==> flow/design.v <==
module mag_cmp_n #(
   parameter W = 14
) (
   input logic sys_clk,
   input logic nrst,
   input logic signed [W-1:0] da_in,
   input logic signed [W-1:0] db_in,
   output logic lt_out,
   output logic a_eq_b_out,
   output logic is_gt_out
);
   logic signed [W-1:0] da_reg;
   logic signed [W-1:0] db_reg;
   always_ff @(posedge sys_clk or negedge nrst) begin
      if (!nrst) begin
         da_reg <= '0;
         db_reg <= '0;
         lt_out <= 1'b0;
         a_eq_b_out <= 1'b0;
         is_gt_out <= 1'b0;
      end else begin
         da_reg <= da_in;
         db_reg <= db_in;
         lt_out <= (da_reg < db_reg);
         a_eq_b_out <= (da_reg == db_reg);
         is_gt_out <= (da_reg > db_reg);
      end
   end
endmodule
### Tool chain data of mag_cmp_n

The steps from the RTL of mag_cmp_n to its reports follow in flow order.
Lines are those of the file above, counted from 1.
Operators carry their Yosys type and port widths (W data, S select, Z words).
Library cell names are shortened.
Not given: n/a

| inputs | value |
|---|---|
| design top | mag_cmp_n |
| clock | sys_clk |
| library | sky130hd |
| corner | tt_025C_1v80 |

### Elaborated design

Source: Yosys, flattened and elaborated, memories not mapped. Widths are those after wreduce; folded enables and synchronous resets count as part of the registers. Registers that Yosys merges into a memory's read port (data or address) are not register bits. Print and check cells do not count. Equal cells are merged and count once.

| cells by class | value |
|---|---|
| equality and inequality tests | 1 |
| magnitude comparators | 2 |

Operator list:

| kind | count |
|---|---|
| $gt A14 B14 Y1 | 1 |
| $lt A14 B14 Y1 | 1 |
| $eq A14 B14 Y1 | 1 |

| word-level totals | value |
|---|---|
| bits in registers | 31 |
| output and inout port bits | 3 |
| word-level cells | 8 |
| input bits | 30 |

### Longest topological paths

Longest topological path by Yosys (ltp), each cell counted once; first at word level (registers and memories cut), then after technology mapping (sequential cells cut; the memories' decode and read muxes count).

| depth | value |
|---|---|
| word-level depth | 1 |
| ABC_AREA | 0 |
| mapped depth | 7 |
| depth with buffers taken out | 7 |

### Netlist

Source: synth_stat.txt of the flow (Yosys; design flattened, memories mapped). It holds for the ABC_AREA given above (unset counts as 0); a run with the other value may have another netlist.

| mapped netlist | value |
|---|---|
| buffers | 0 |
| flip-flops | 31 |
| standard cells after synthesis | 83 |
| cell area after synthesis | 1159.9 um^2 |
| sequential area | 775.7 um^2 |

Cell types:

| type | count |
|---|---|
| dfrtp_1 | 31 |
| ha_1 | 14 |
| inv_1 | 15 |
| a21oi_1 | 7 |
| a211oi_2 | 1 |
| nand4_1 | 2 |
| nand4_2 | 1 |
| nor4_2 | 1 |
| nand2_1 | 3 |
| mux2i_1 | 1 |
| o221ai_1 | 1 |
| xnor2_1 | 1 |
| a21o_1 | 1 |
| or2b_1 | 1 |
| nand3_1 | 1 |
| o21ai_0 | 1 |
| nor2_1 | 1 |

### Timing after synthesis

Path of least setup slack by OpenSTA after synthesis, without wires, with an ideal clock, recovery checks aside; 20% of the period is set as input and as output delay. Where synthesis merged equal registers, the netlist keeps one of their names.

| timing after synthesis | value |
|---|---|
| path type | reg2reg |
| start point | register da_reg[5] |
| end point | register is_gt_out |
| setup time | 79 ps |
| clock period | 1870 ps |
| setup slack | 373 ps |
| buffers on the path | 0 |
| arrival time | 1418 ps |
| data required time | 1791 ps |
| delay of the path | 1497 ps |
| stages | 6 |
| synthesis period reached | 1497 ps |

"delay of the path" is the arrival time less input delay plus setup time.
"stages": output pins that drive a net of the path, with the launching flip-flop's if there is one; two outputs of one cell count as two.
"synthesis period reached" is the clock period less the worst setup slack; recovery checks do not enter. This is arithmetic on one report: input and output delays are still those of the set period (20% each).
Between the ends stands the longest chain of elaborated cells between them, by number of cells; it is not shown to be the way that was timed. Of several equally long chains one is given.
A line is the first line of the expression or statement that the cell stems from. Yosys adds cells for indexed reads and writes and turns some case tables into memories.

| on the way, after synthesis | value |
|---|---|
| cells stage by stage | dfrtp_1 > ha_1 > nand4_1 > o221ai_1 > a211oi_2 > mux2i_1 |
| cells in the longest elaborated chain | 1 |
| elaborated cells between the ends (all ways) | 1 |
| those cells by class | compare: 1 |

Ends and longest elaborated chain, after synthesis:

| item | RTL line | RTL |
|---|---|---|
| start, declared | 12 | `logic signed [W-1:0] da_reg;` |
| start, assigned | 16 | `da_reg <= '0;` |
| start, assigned | 22 | `da_reg <= da_in;` |
| $gt A14 B14 Y1 | 26 | `is_gt_out <= (da_reg > db_reg);` |
| end, assigned | 20 | `is_gt_out <= 1'b0;` |
| end, assigned | 26 |  |
| end, declared | 10 | `output logic is_gt_out` |

### Timing after layout

From the final timing report of flow run B: the path of least setup slack in the routed layout; clock arrival at registers is part of the times.
The path's times are printed in steps of 10 ps; the period is the one set.

| timing post-layout | value |
|---|---|
| path type | reg2out |
| start point | register is_gt_out |
| end point | output port is_gt_out |
| data required time | 1940 ps |
| arrival time | 1210 ps |
| stages | 2 |
| clock period | 2430 ps |
| output delay | 490 ps |
| setup slack | 730 ps |
| buffers on the path | 1 |

| on the way, post-layout | value |
|---|---|
| cells stage by stage | dfrtp_1 > clkdlybuf4s50_1 |
| cells in the longest elaborated chain | 0 |
| elaborated cells between the ends (all ways) | 0 |

Ends and longest elaborated chain, post-layout:

| item | RTL line | RTL |
|---|---|---|
| start, declared | 10 | `output logic is_gt_out` |
| start, assigned | 20 | `is_gt_out <= 1'b0;` |
| start, assigned | 26 | `is_gt_out <= (da_reg > db_reg);` |
| end, declared | 10 |  |

Data sheet: physical implementation of mag_cmp_n

Flow measurements of mag_cmp_n on sky130hd: 3 stored runs with different settings, listed in no order. Input and output delays are each 20% of the period that was set; the output load is 0.01 pF.
"reached clock period" is the run's clock period less its worst setup slack. It is reckoned from that one timing run; input and output delays stay at 20% of the period that was set.
"worst path time": the worst setup path's part of the clock period (all of it between registers, 20% less for each end at a port) less its slack. A launch clock that arrives late makes it longer, a capture clock that arrives late makes it shorter.
"total power after layout" rests on the timing tool's default activity at the inputs, not on a simulated workload.
"worst path time" is known to 10 ps.
Settings: - = not set for that run.
A result given as - is not shown for that run.

| item | flow run A | flow run B | flow run C |
|---|---|---|---|
| period_ns | 1.01 | 2.43 | 1.87 |
| CORE_UTILIZATION | 55 | 23 | 40 |
| SETUP_SLACK_MARGIN | 0.17 | 0.03 | - |
| HOLD_SLACK_MARGIN | 0.23 | - | - |
| CELL_PAD_IN_SITES_DETAIL_PLACEMENT | 2 | - | - |
| TNS_END_PERCENT | 50 | 40 | - |
| GPL_ROUTABILITY_DRIVEN | 0 | 0 | - |
| SLEW_MARGIN | 0 | 20 | 20 |
| CAP_MARGIN | 20 | 20 | 20 |
| CORE_MARGIN | 2 | 2 | 2 |
| CELL_PAD_IN_SITES_GLOBAL_PLACEMENT | - | 1 | - |
| Yosys chip area after synthesis (um^2) | - | 1159.9 | 1159.9 |
| full die area (um^2) | - | 5627.2 | 3346.6 |
| standard-cell area after layout (um^2) | - | 1689.1 | 1595.3 |
| post-route utilization (%) | - | 35.3 | 57.8 |
| worst setup slack after layout (ps) | - | 733 | 235 |
| setup total negative slack (ps) | - | 0 | 0 |
| total power after layout (mW) | - | 1.210 | 1.316 |
| reached clock period (ps) | - | 1697 | 1635 |
| worst path time (ps) | - | 1210 | 1640 |
| worst path kind | - | reg2out | reg2reg |

Flow run A: not finished: placement ended with error DPL-0033
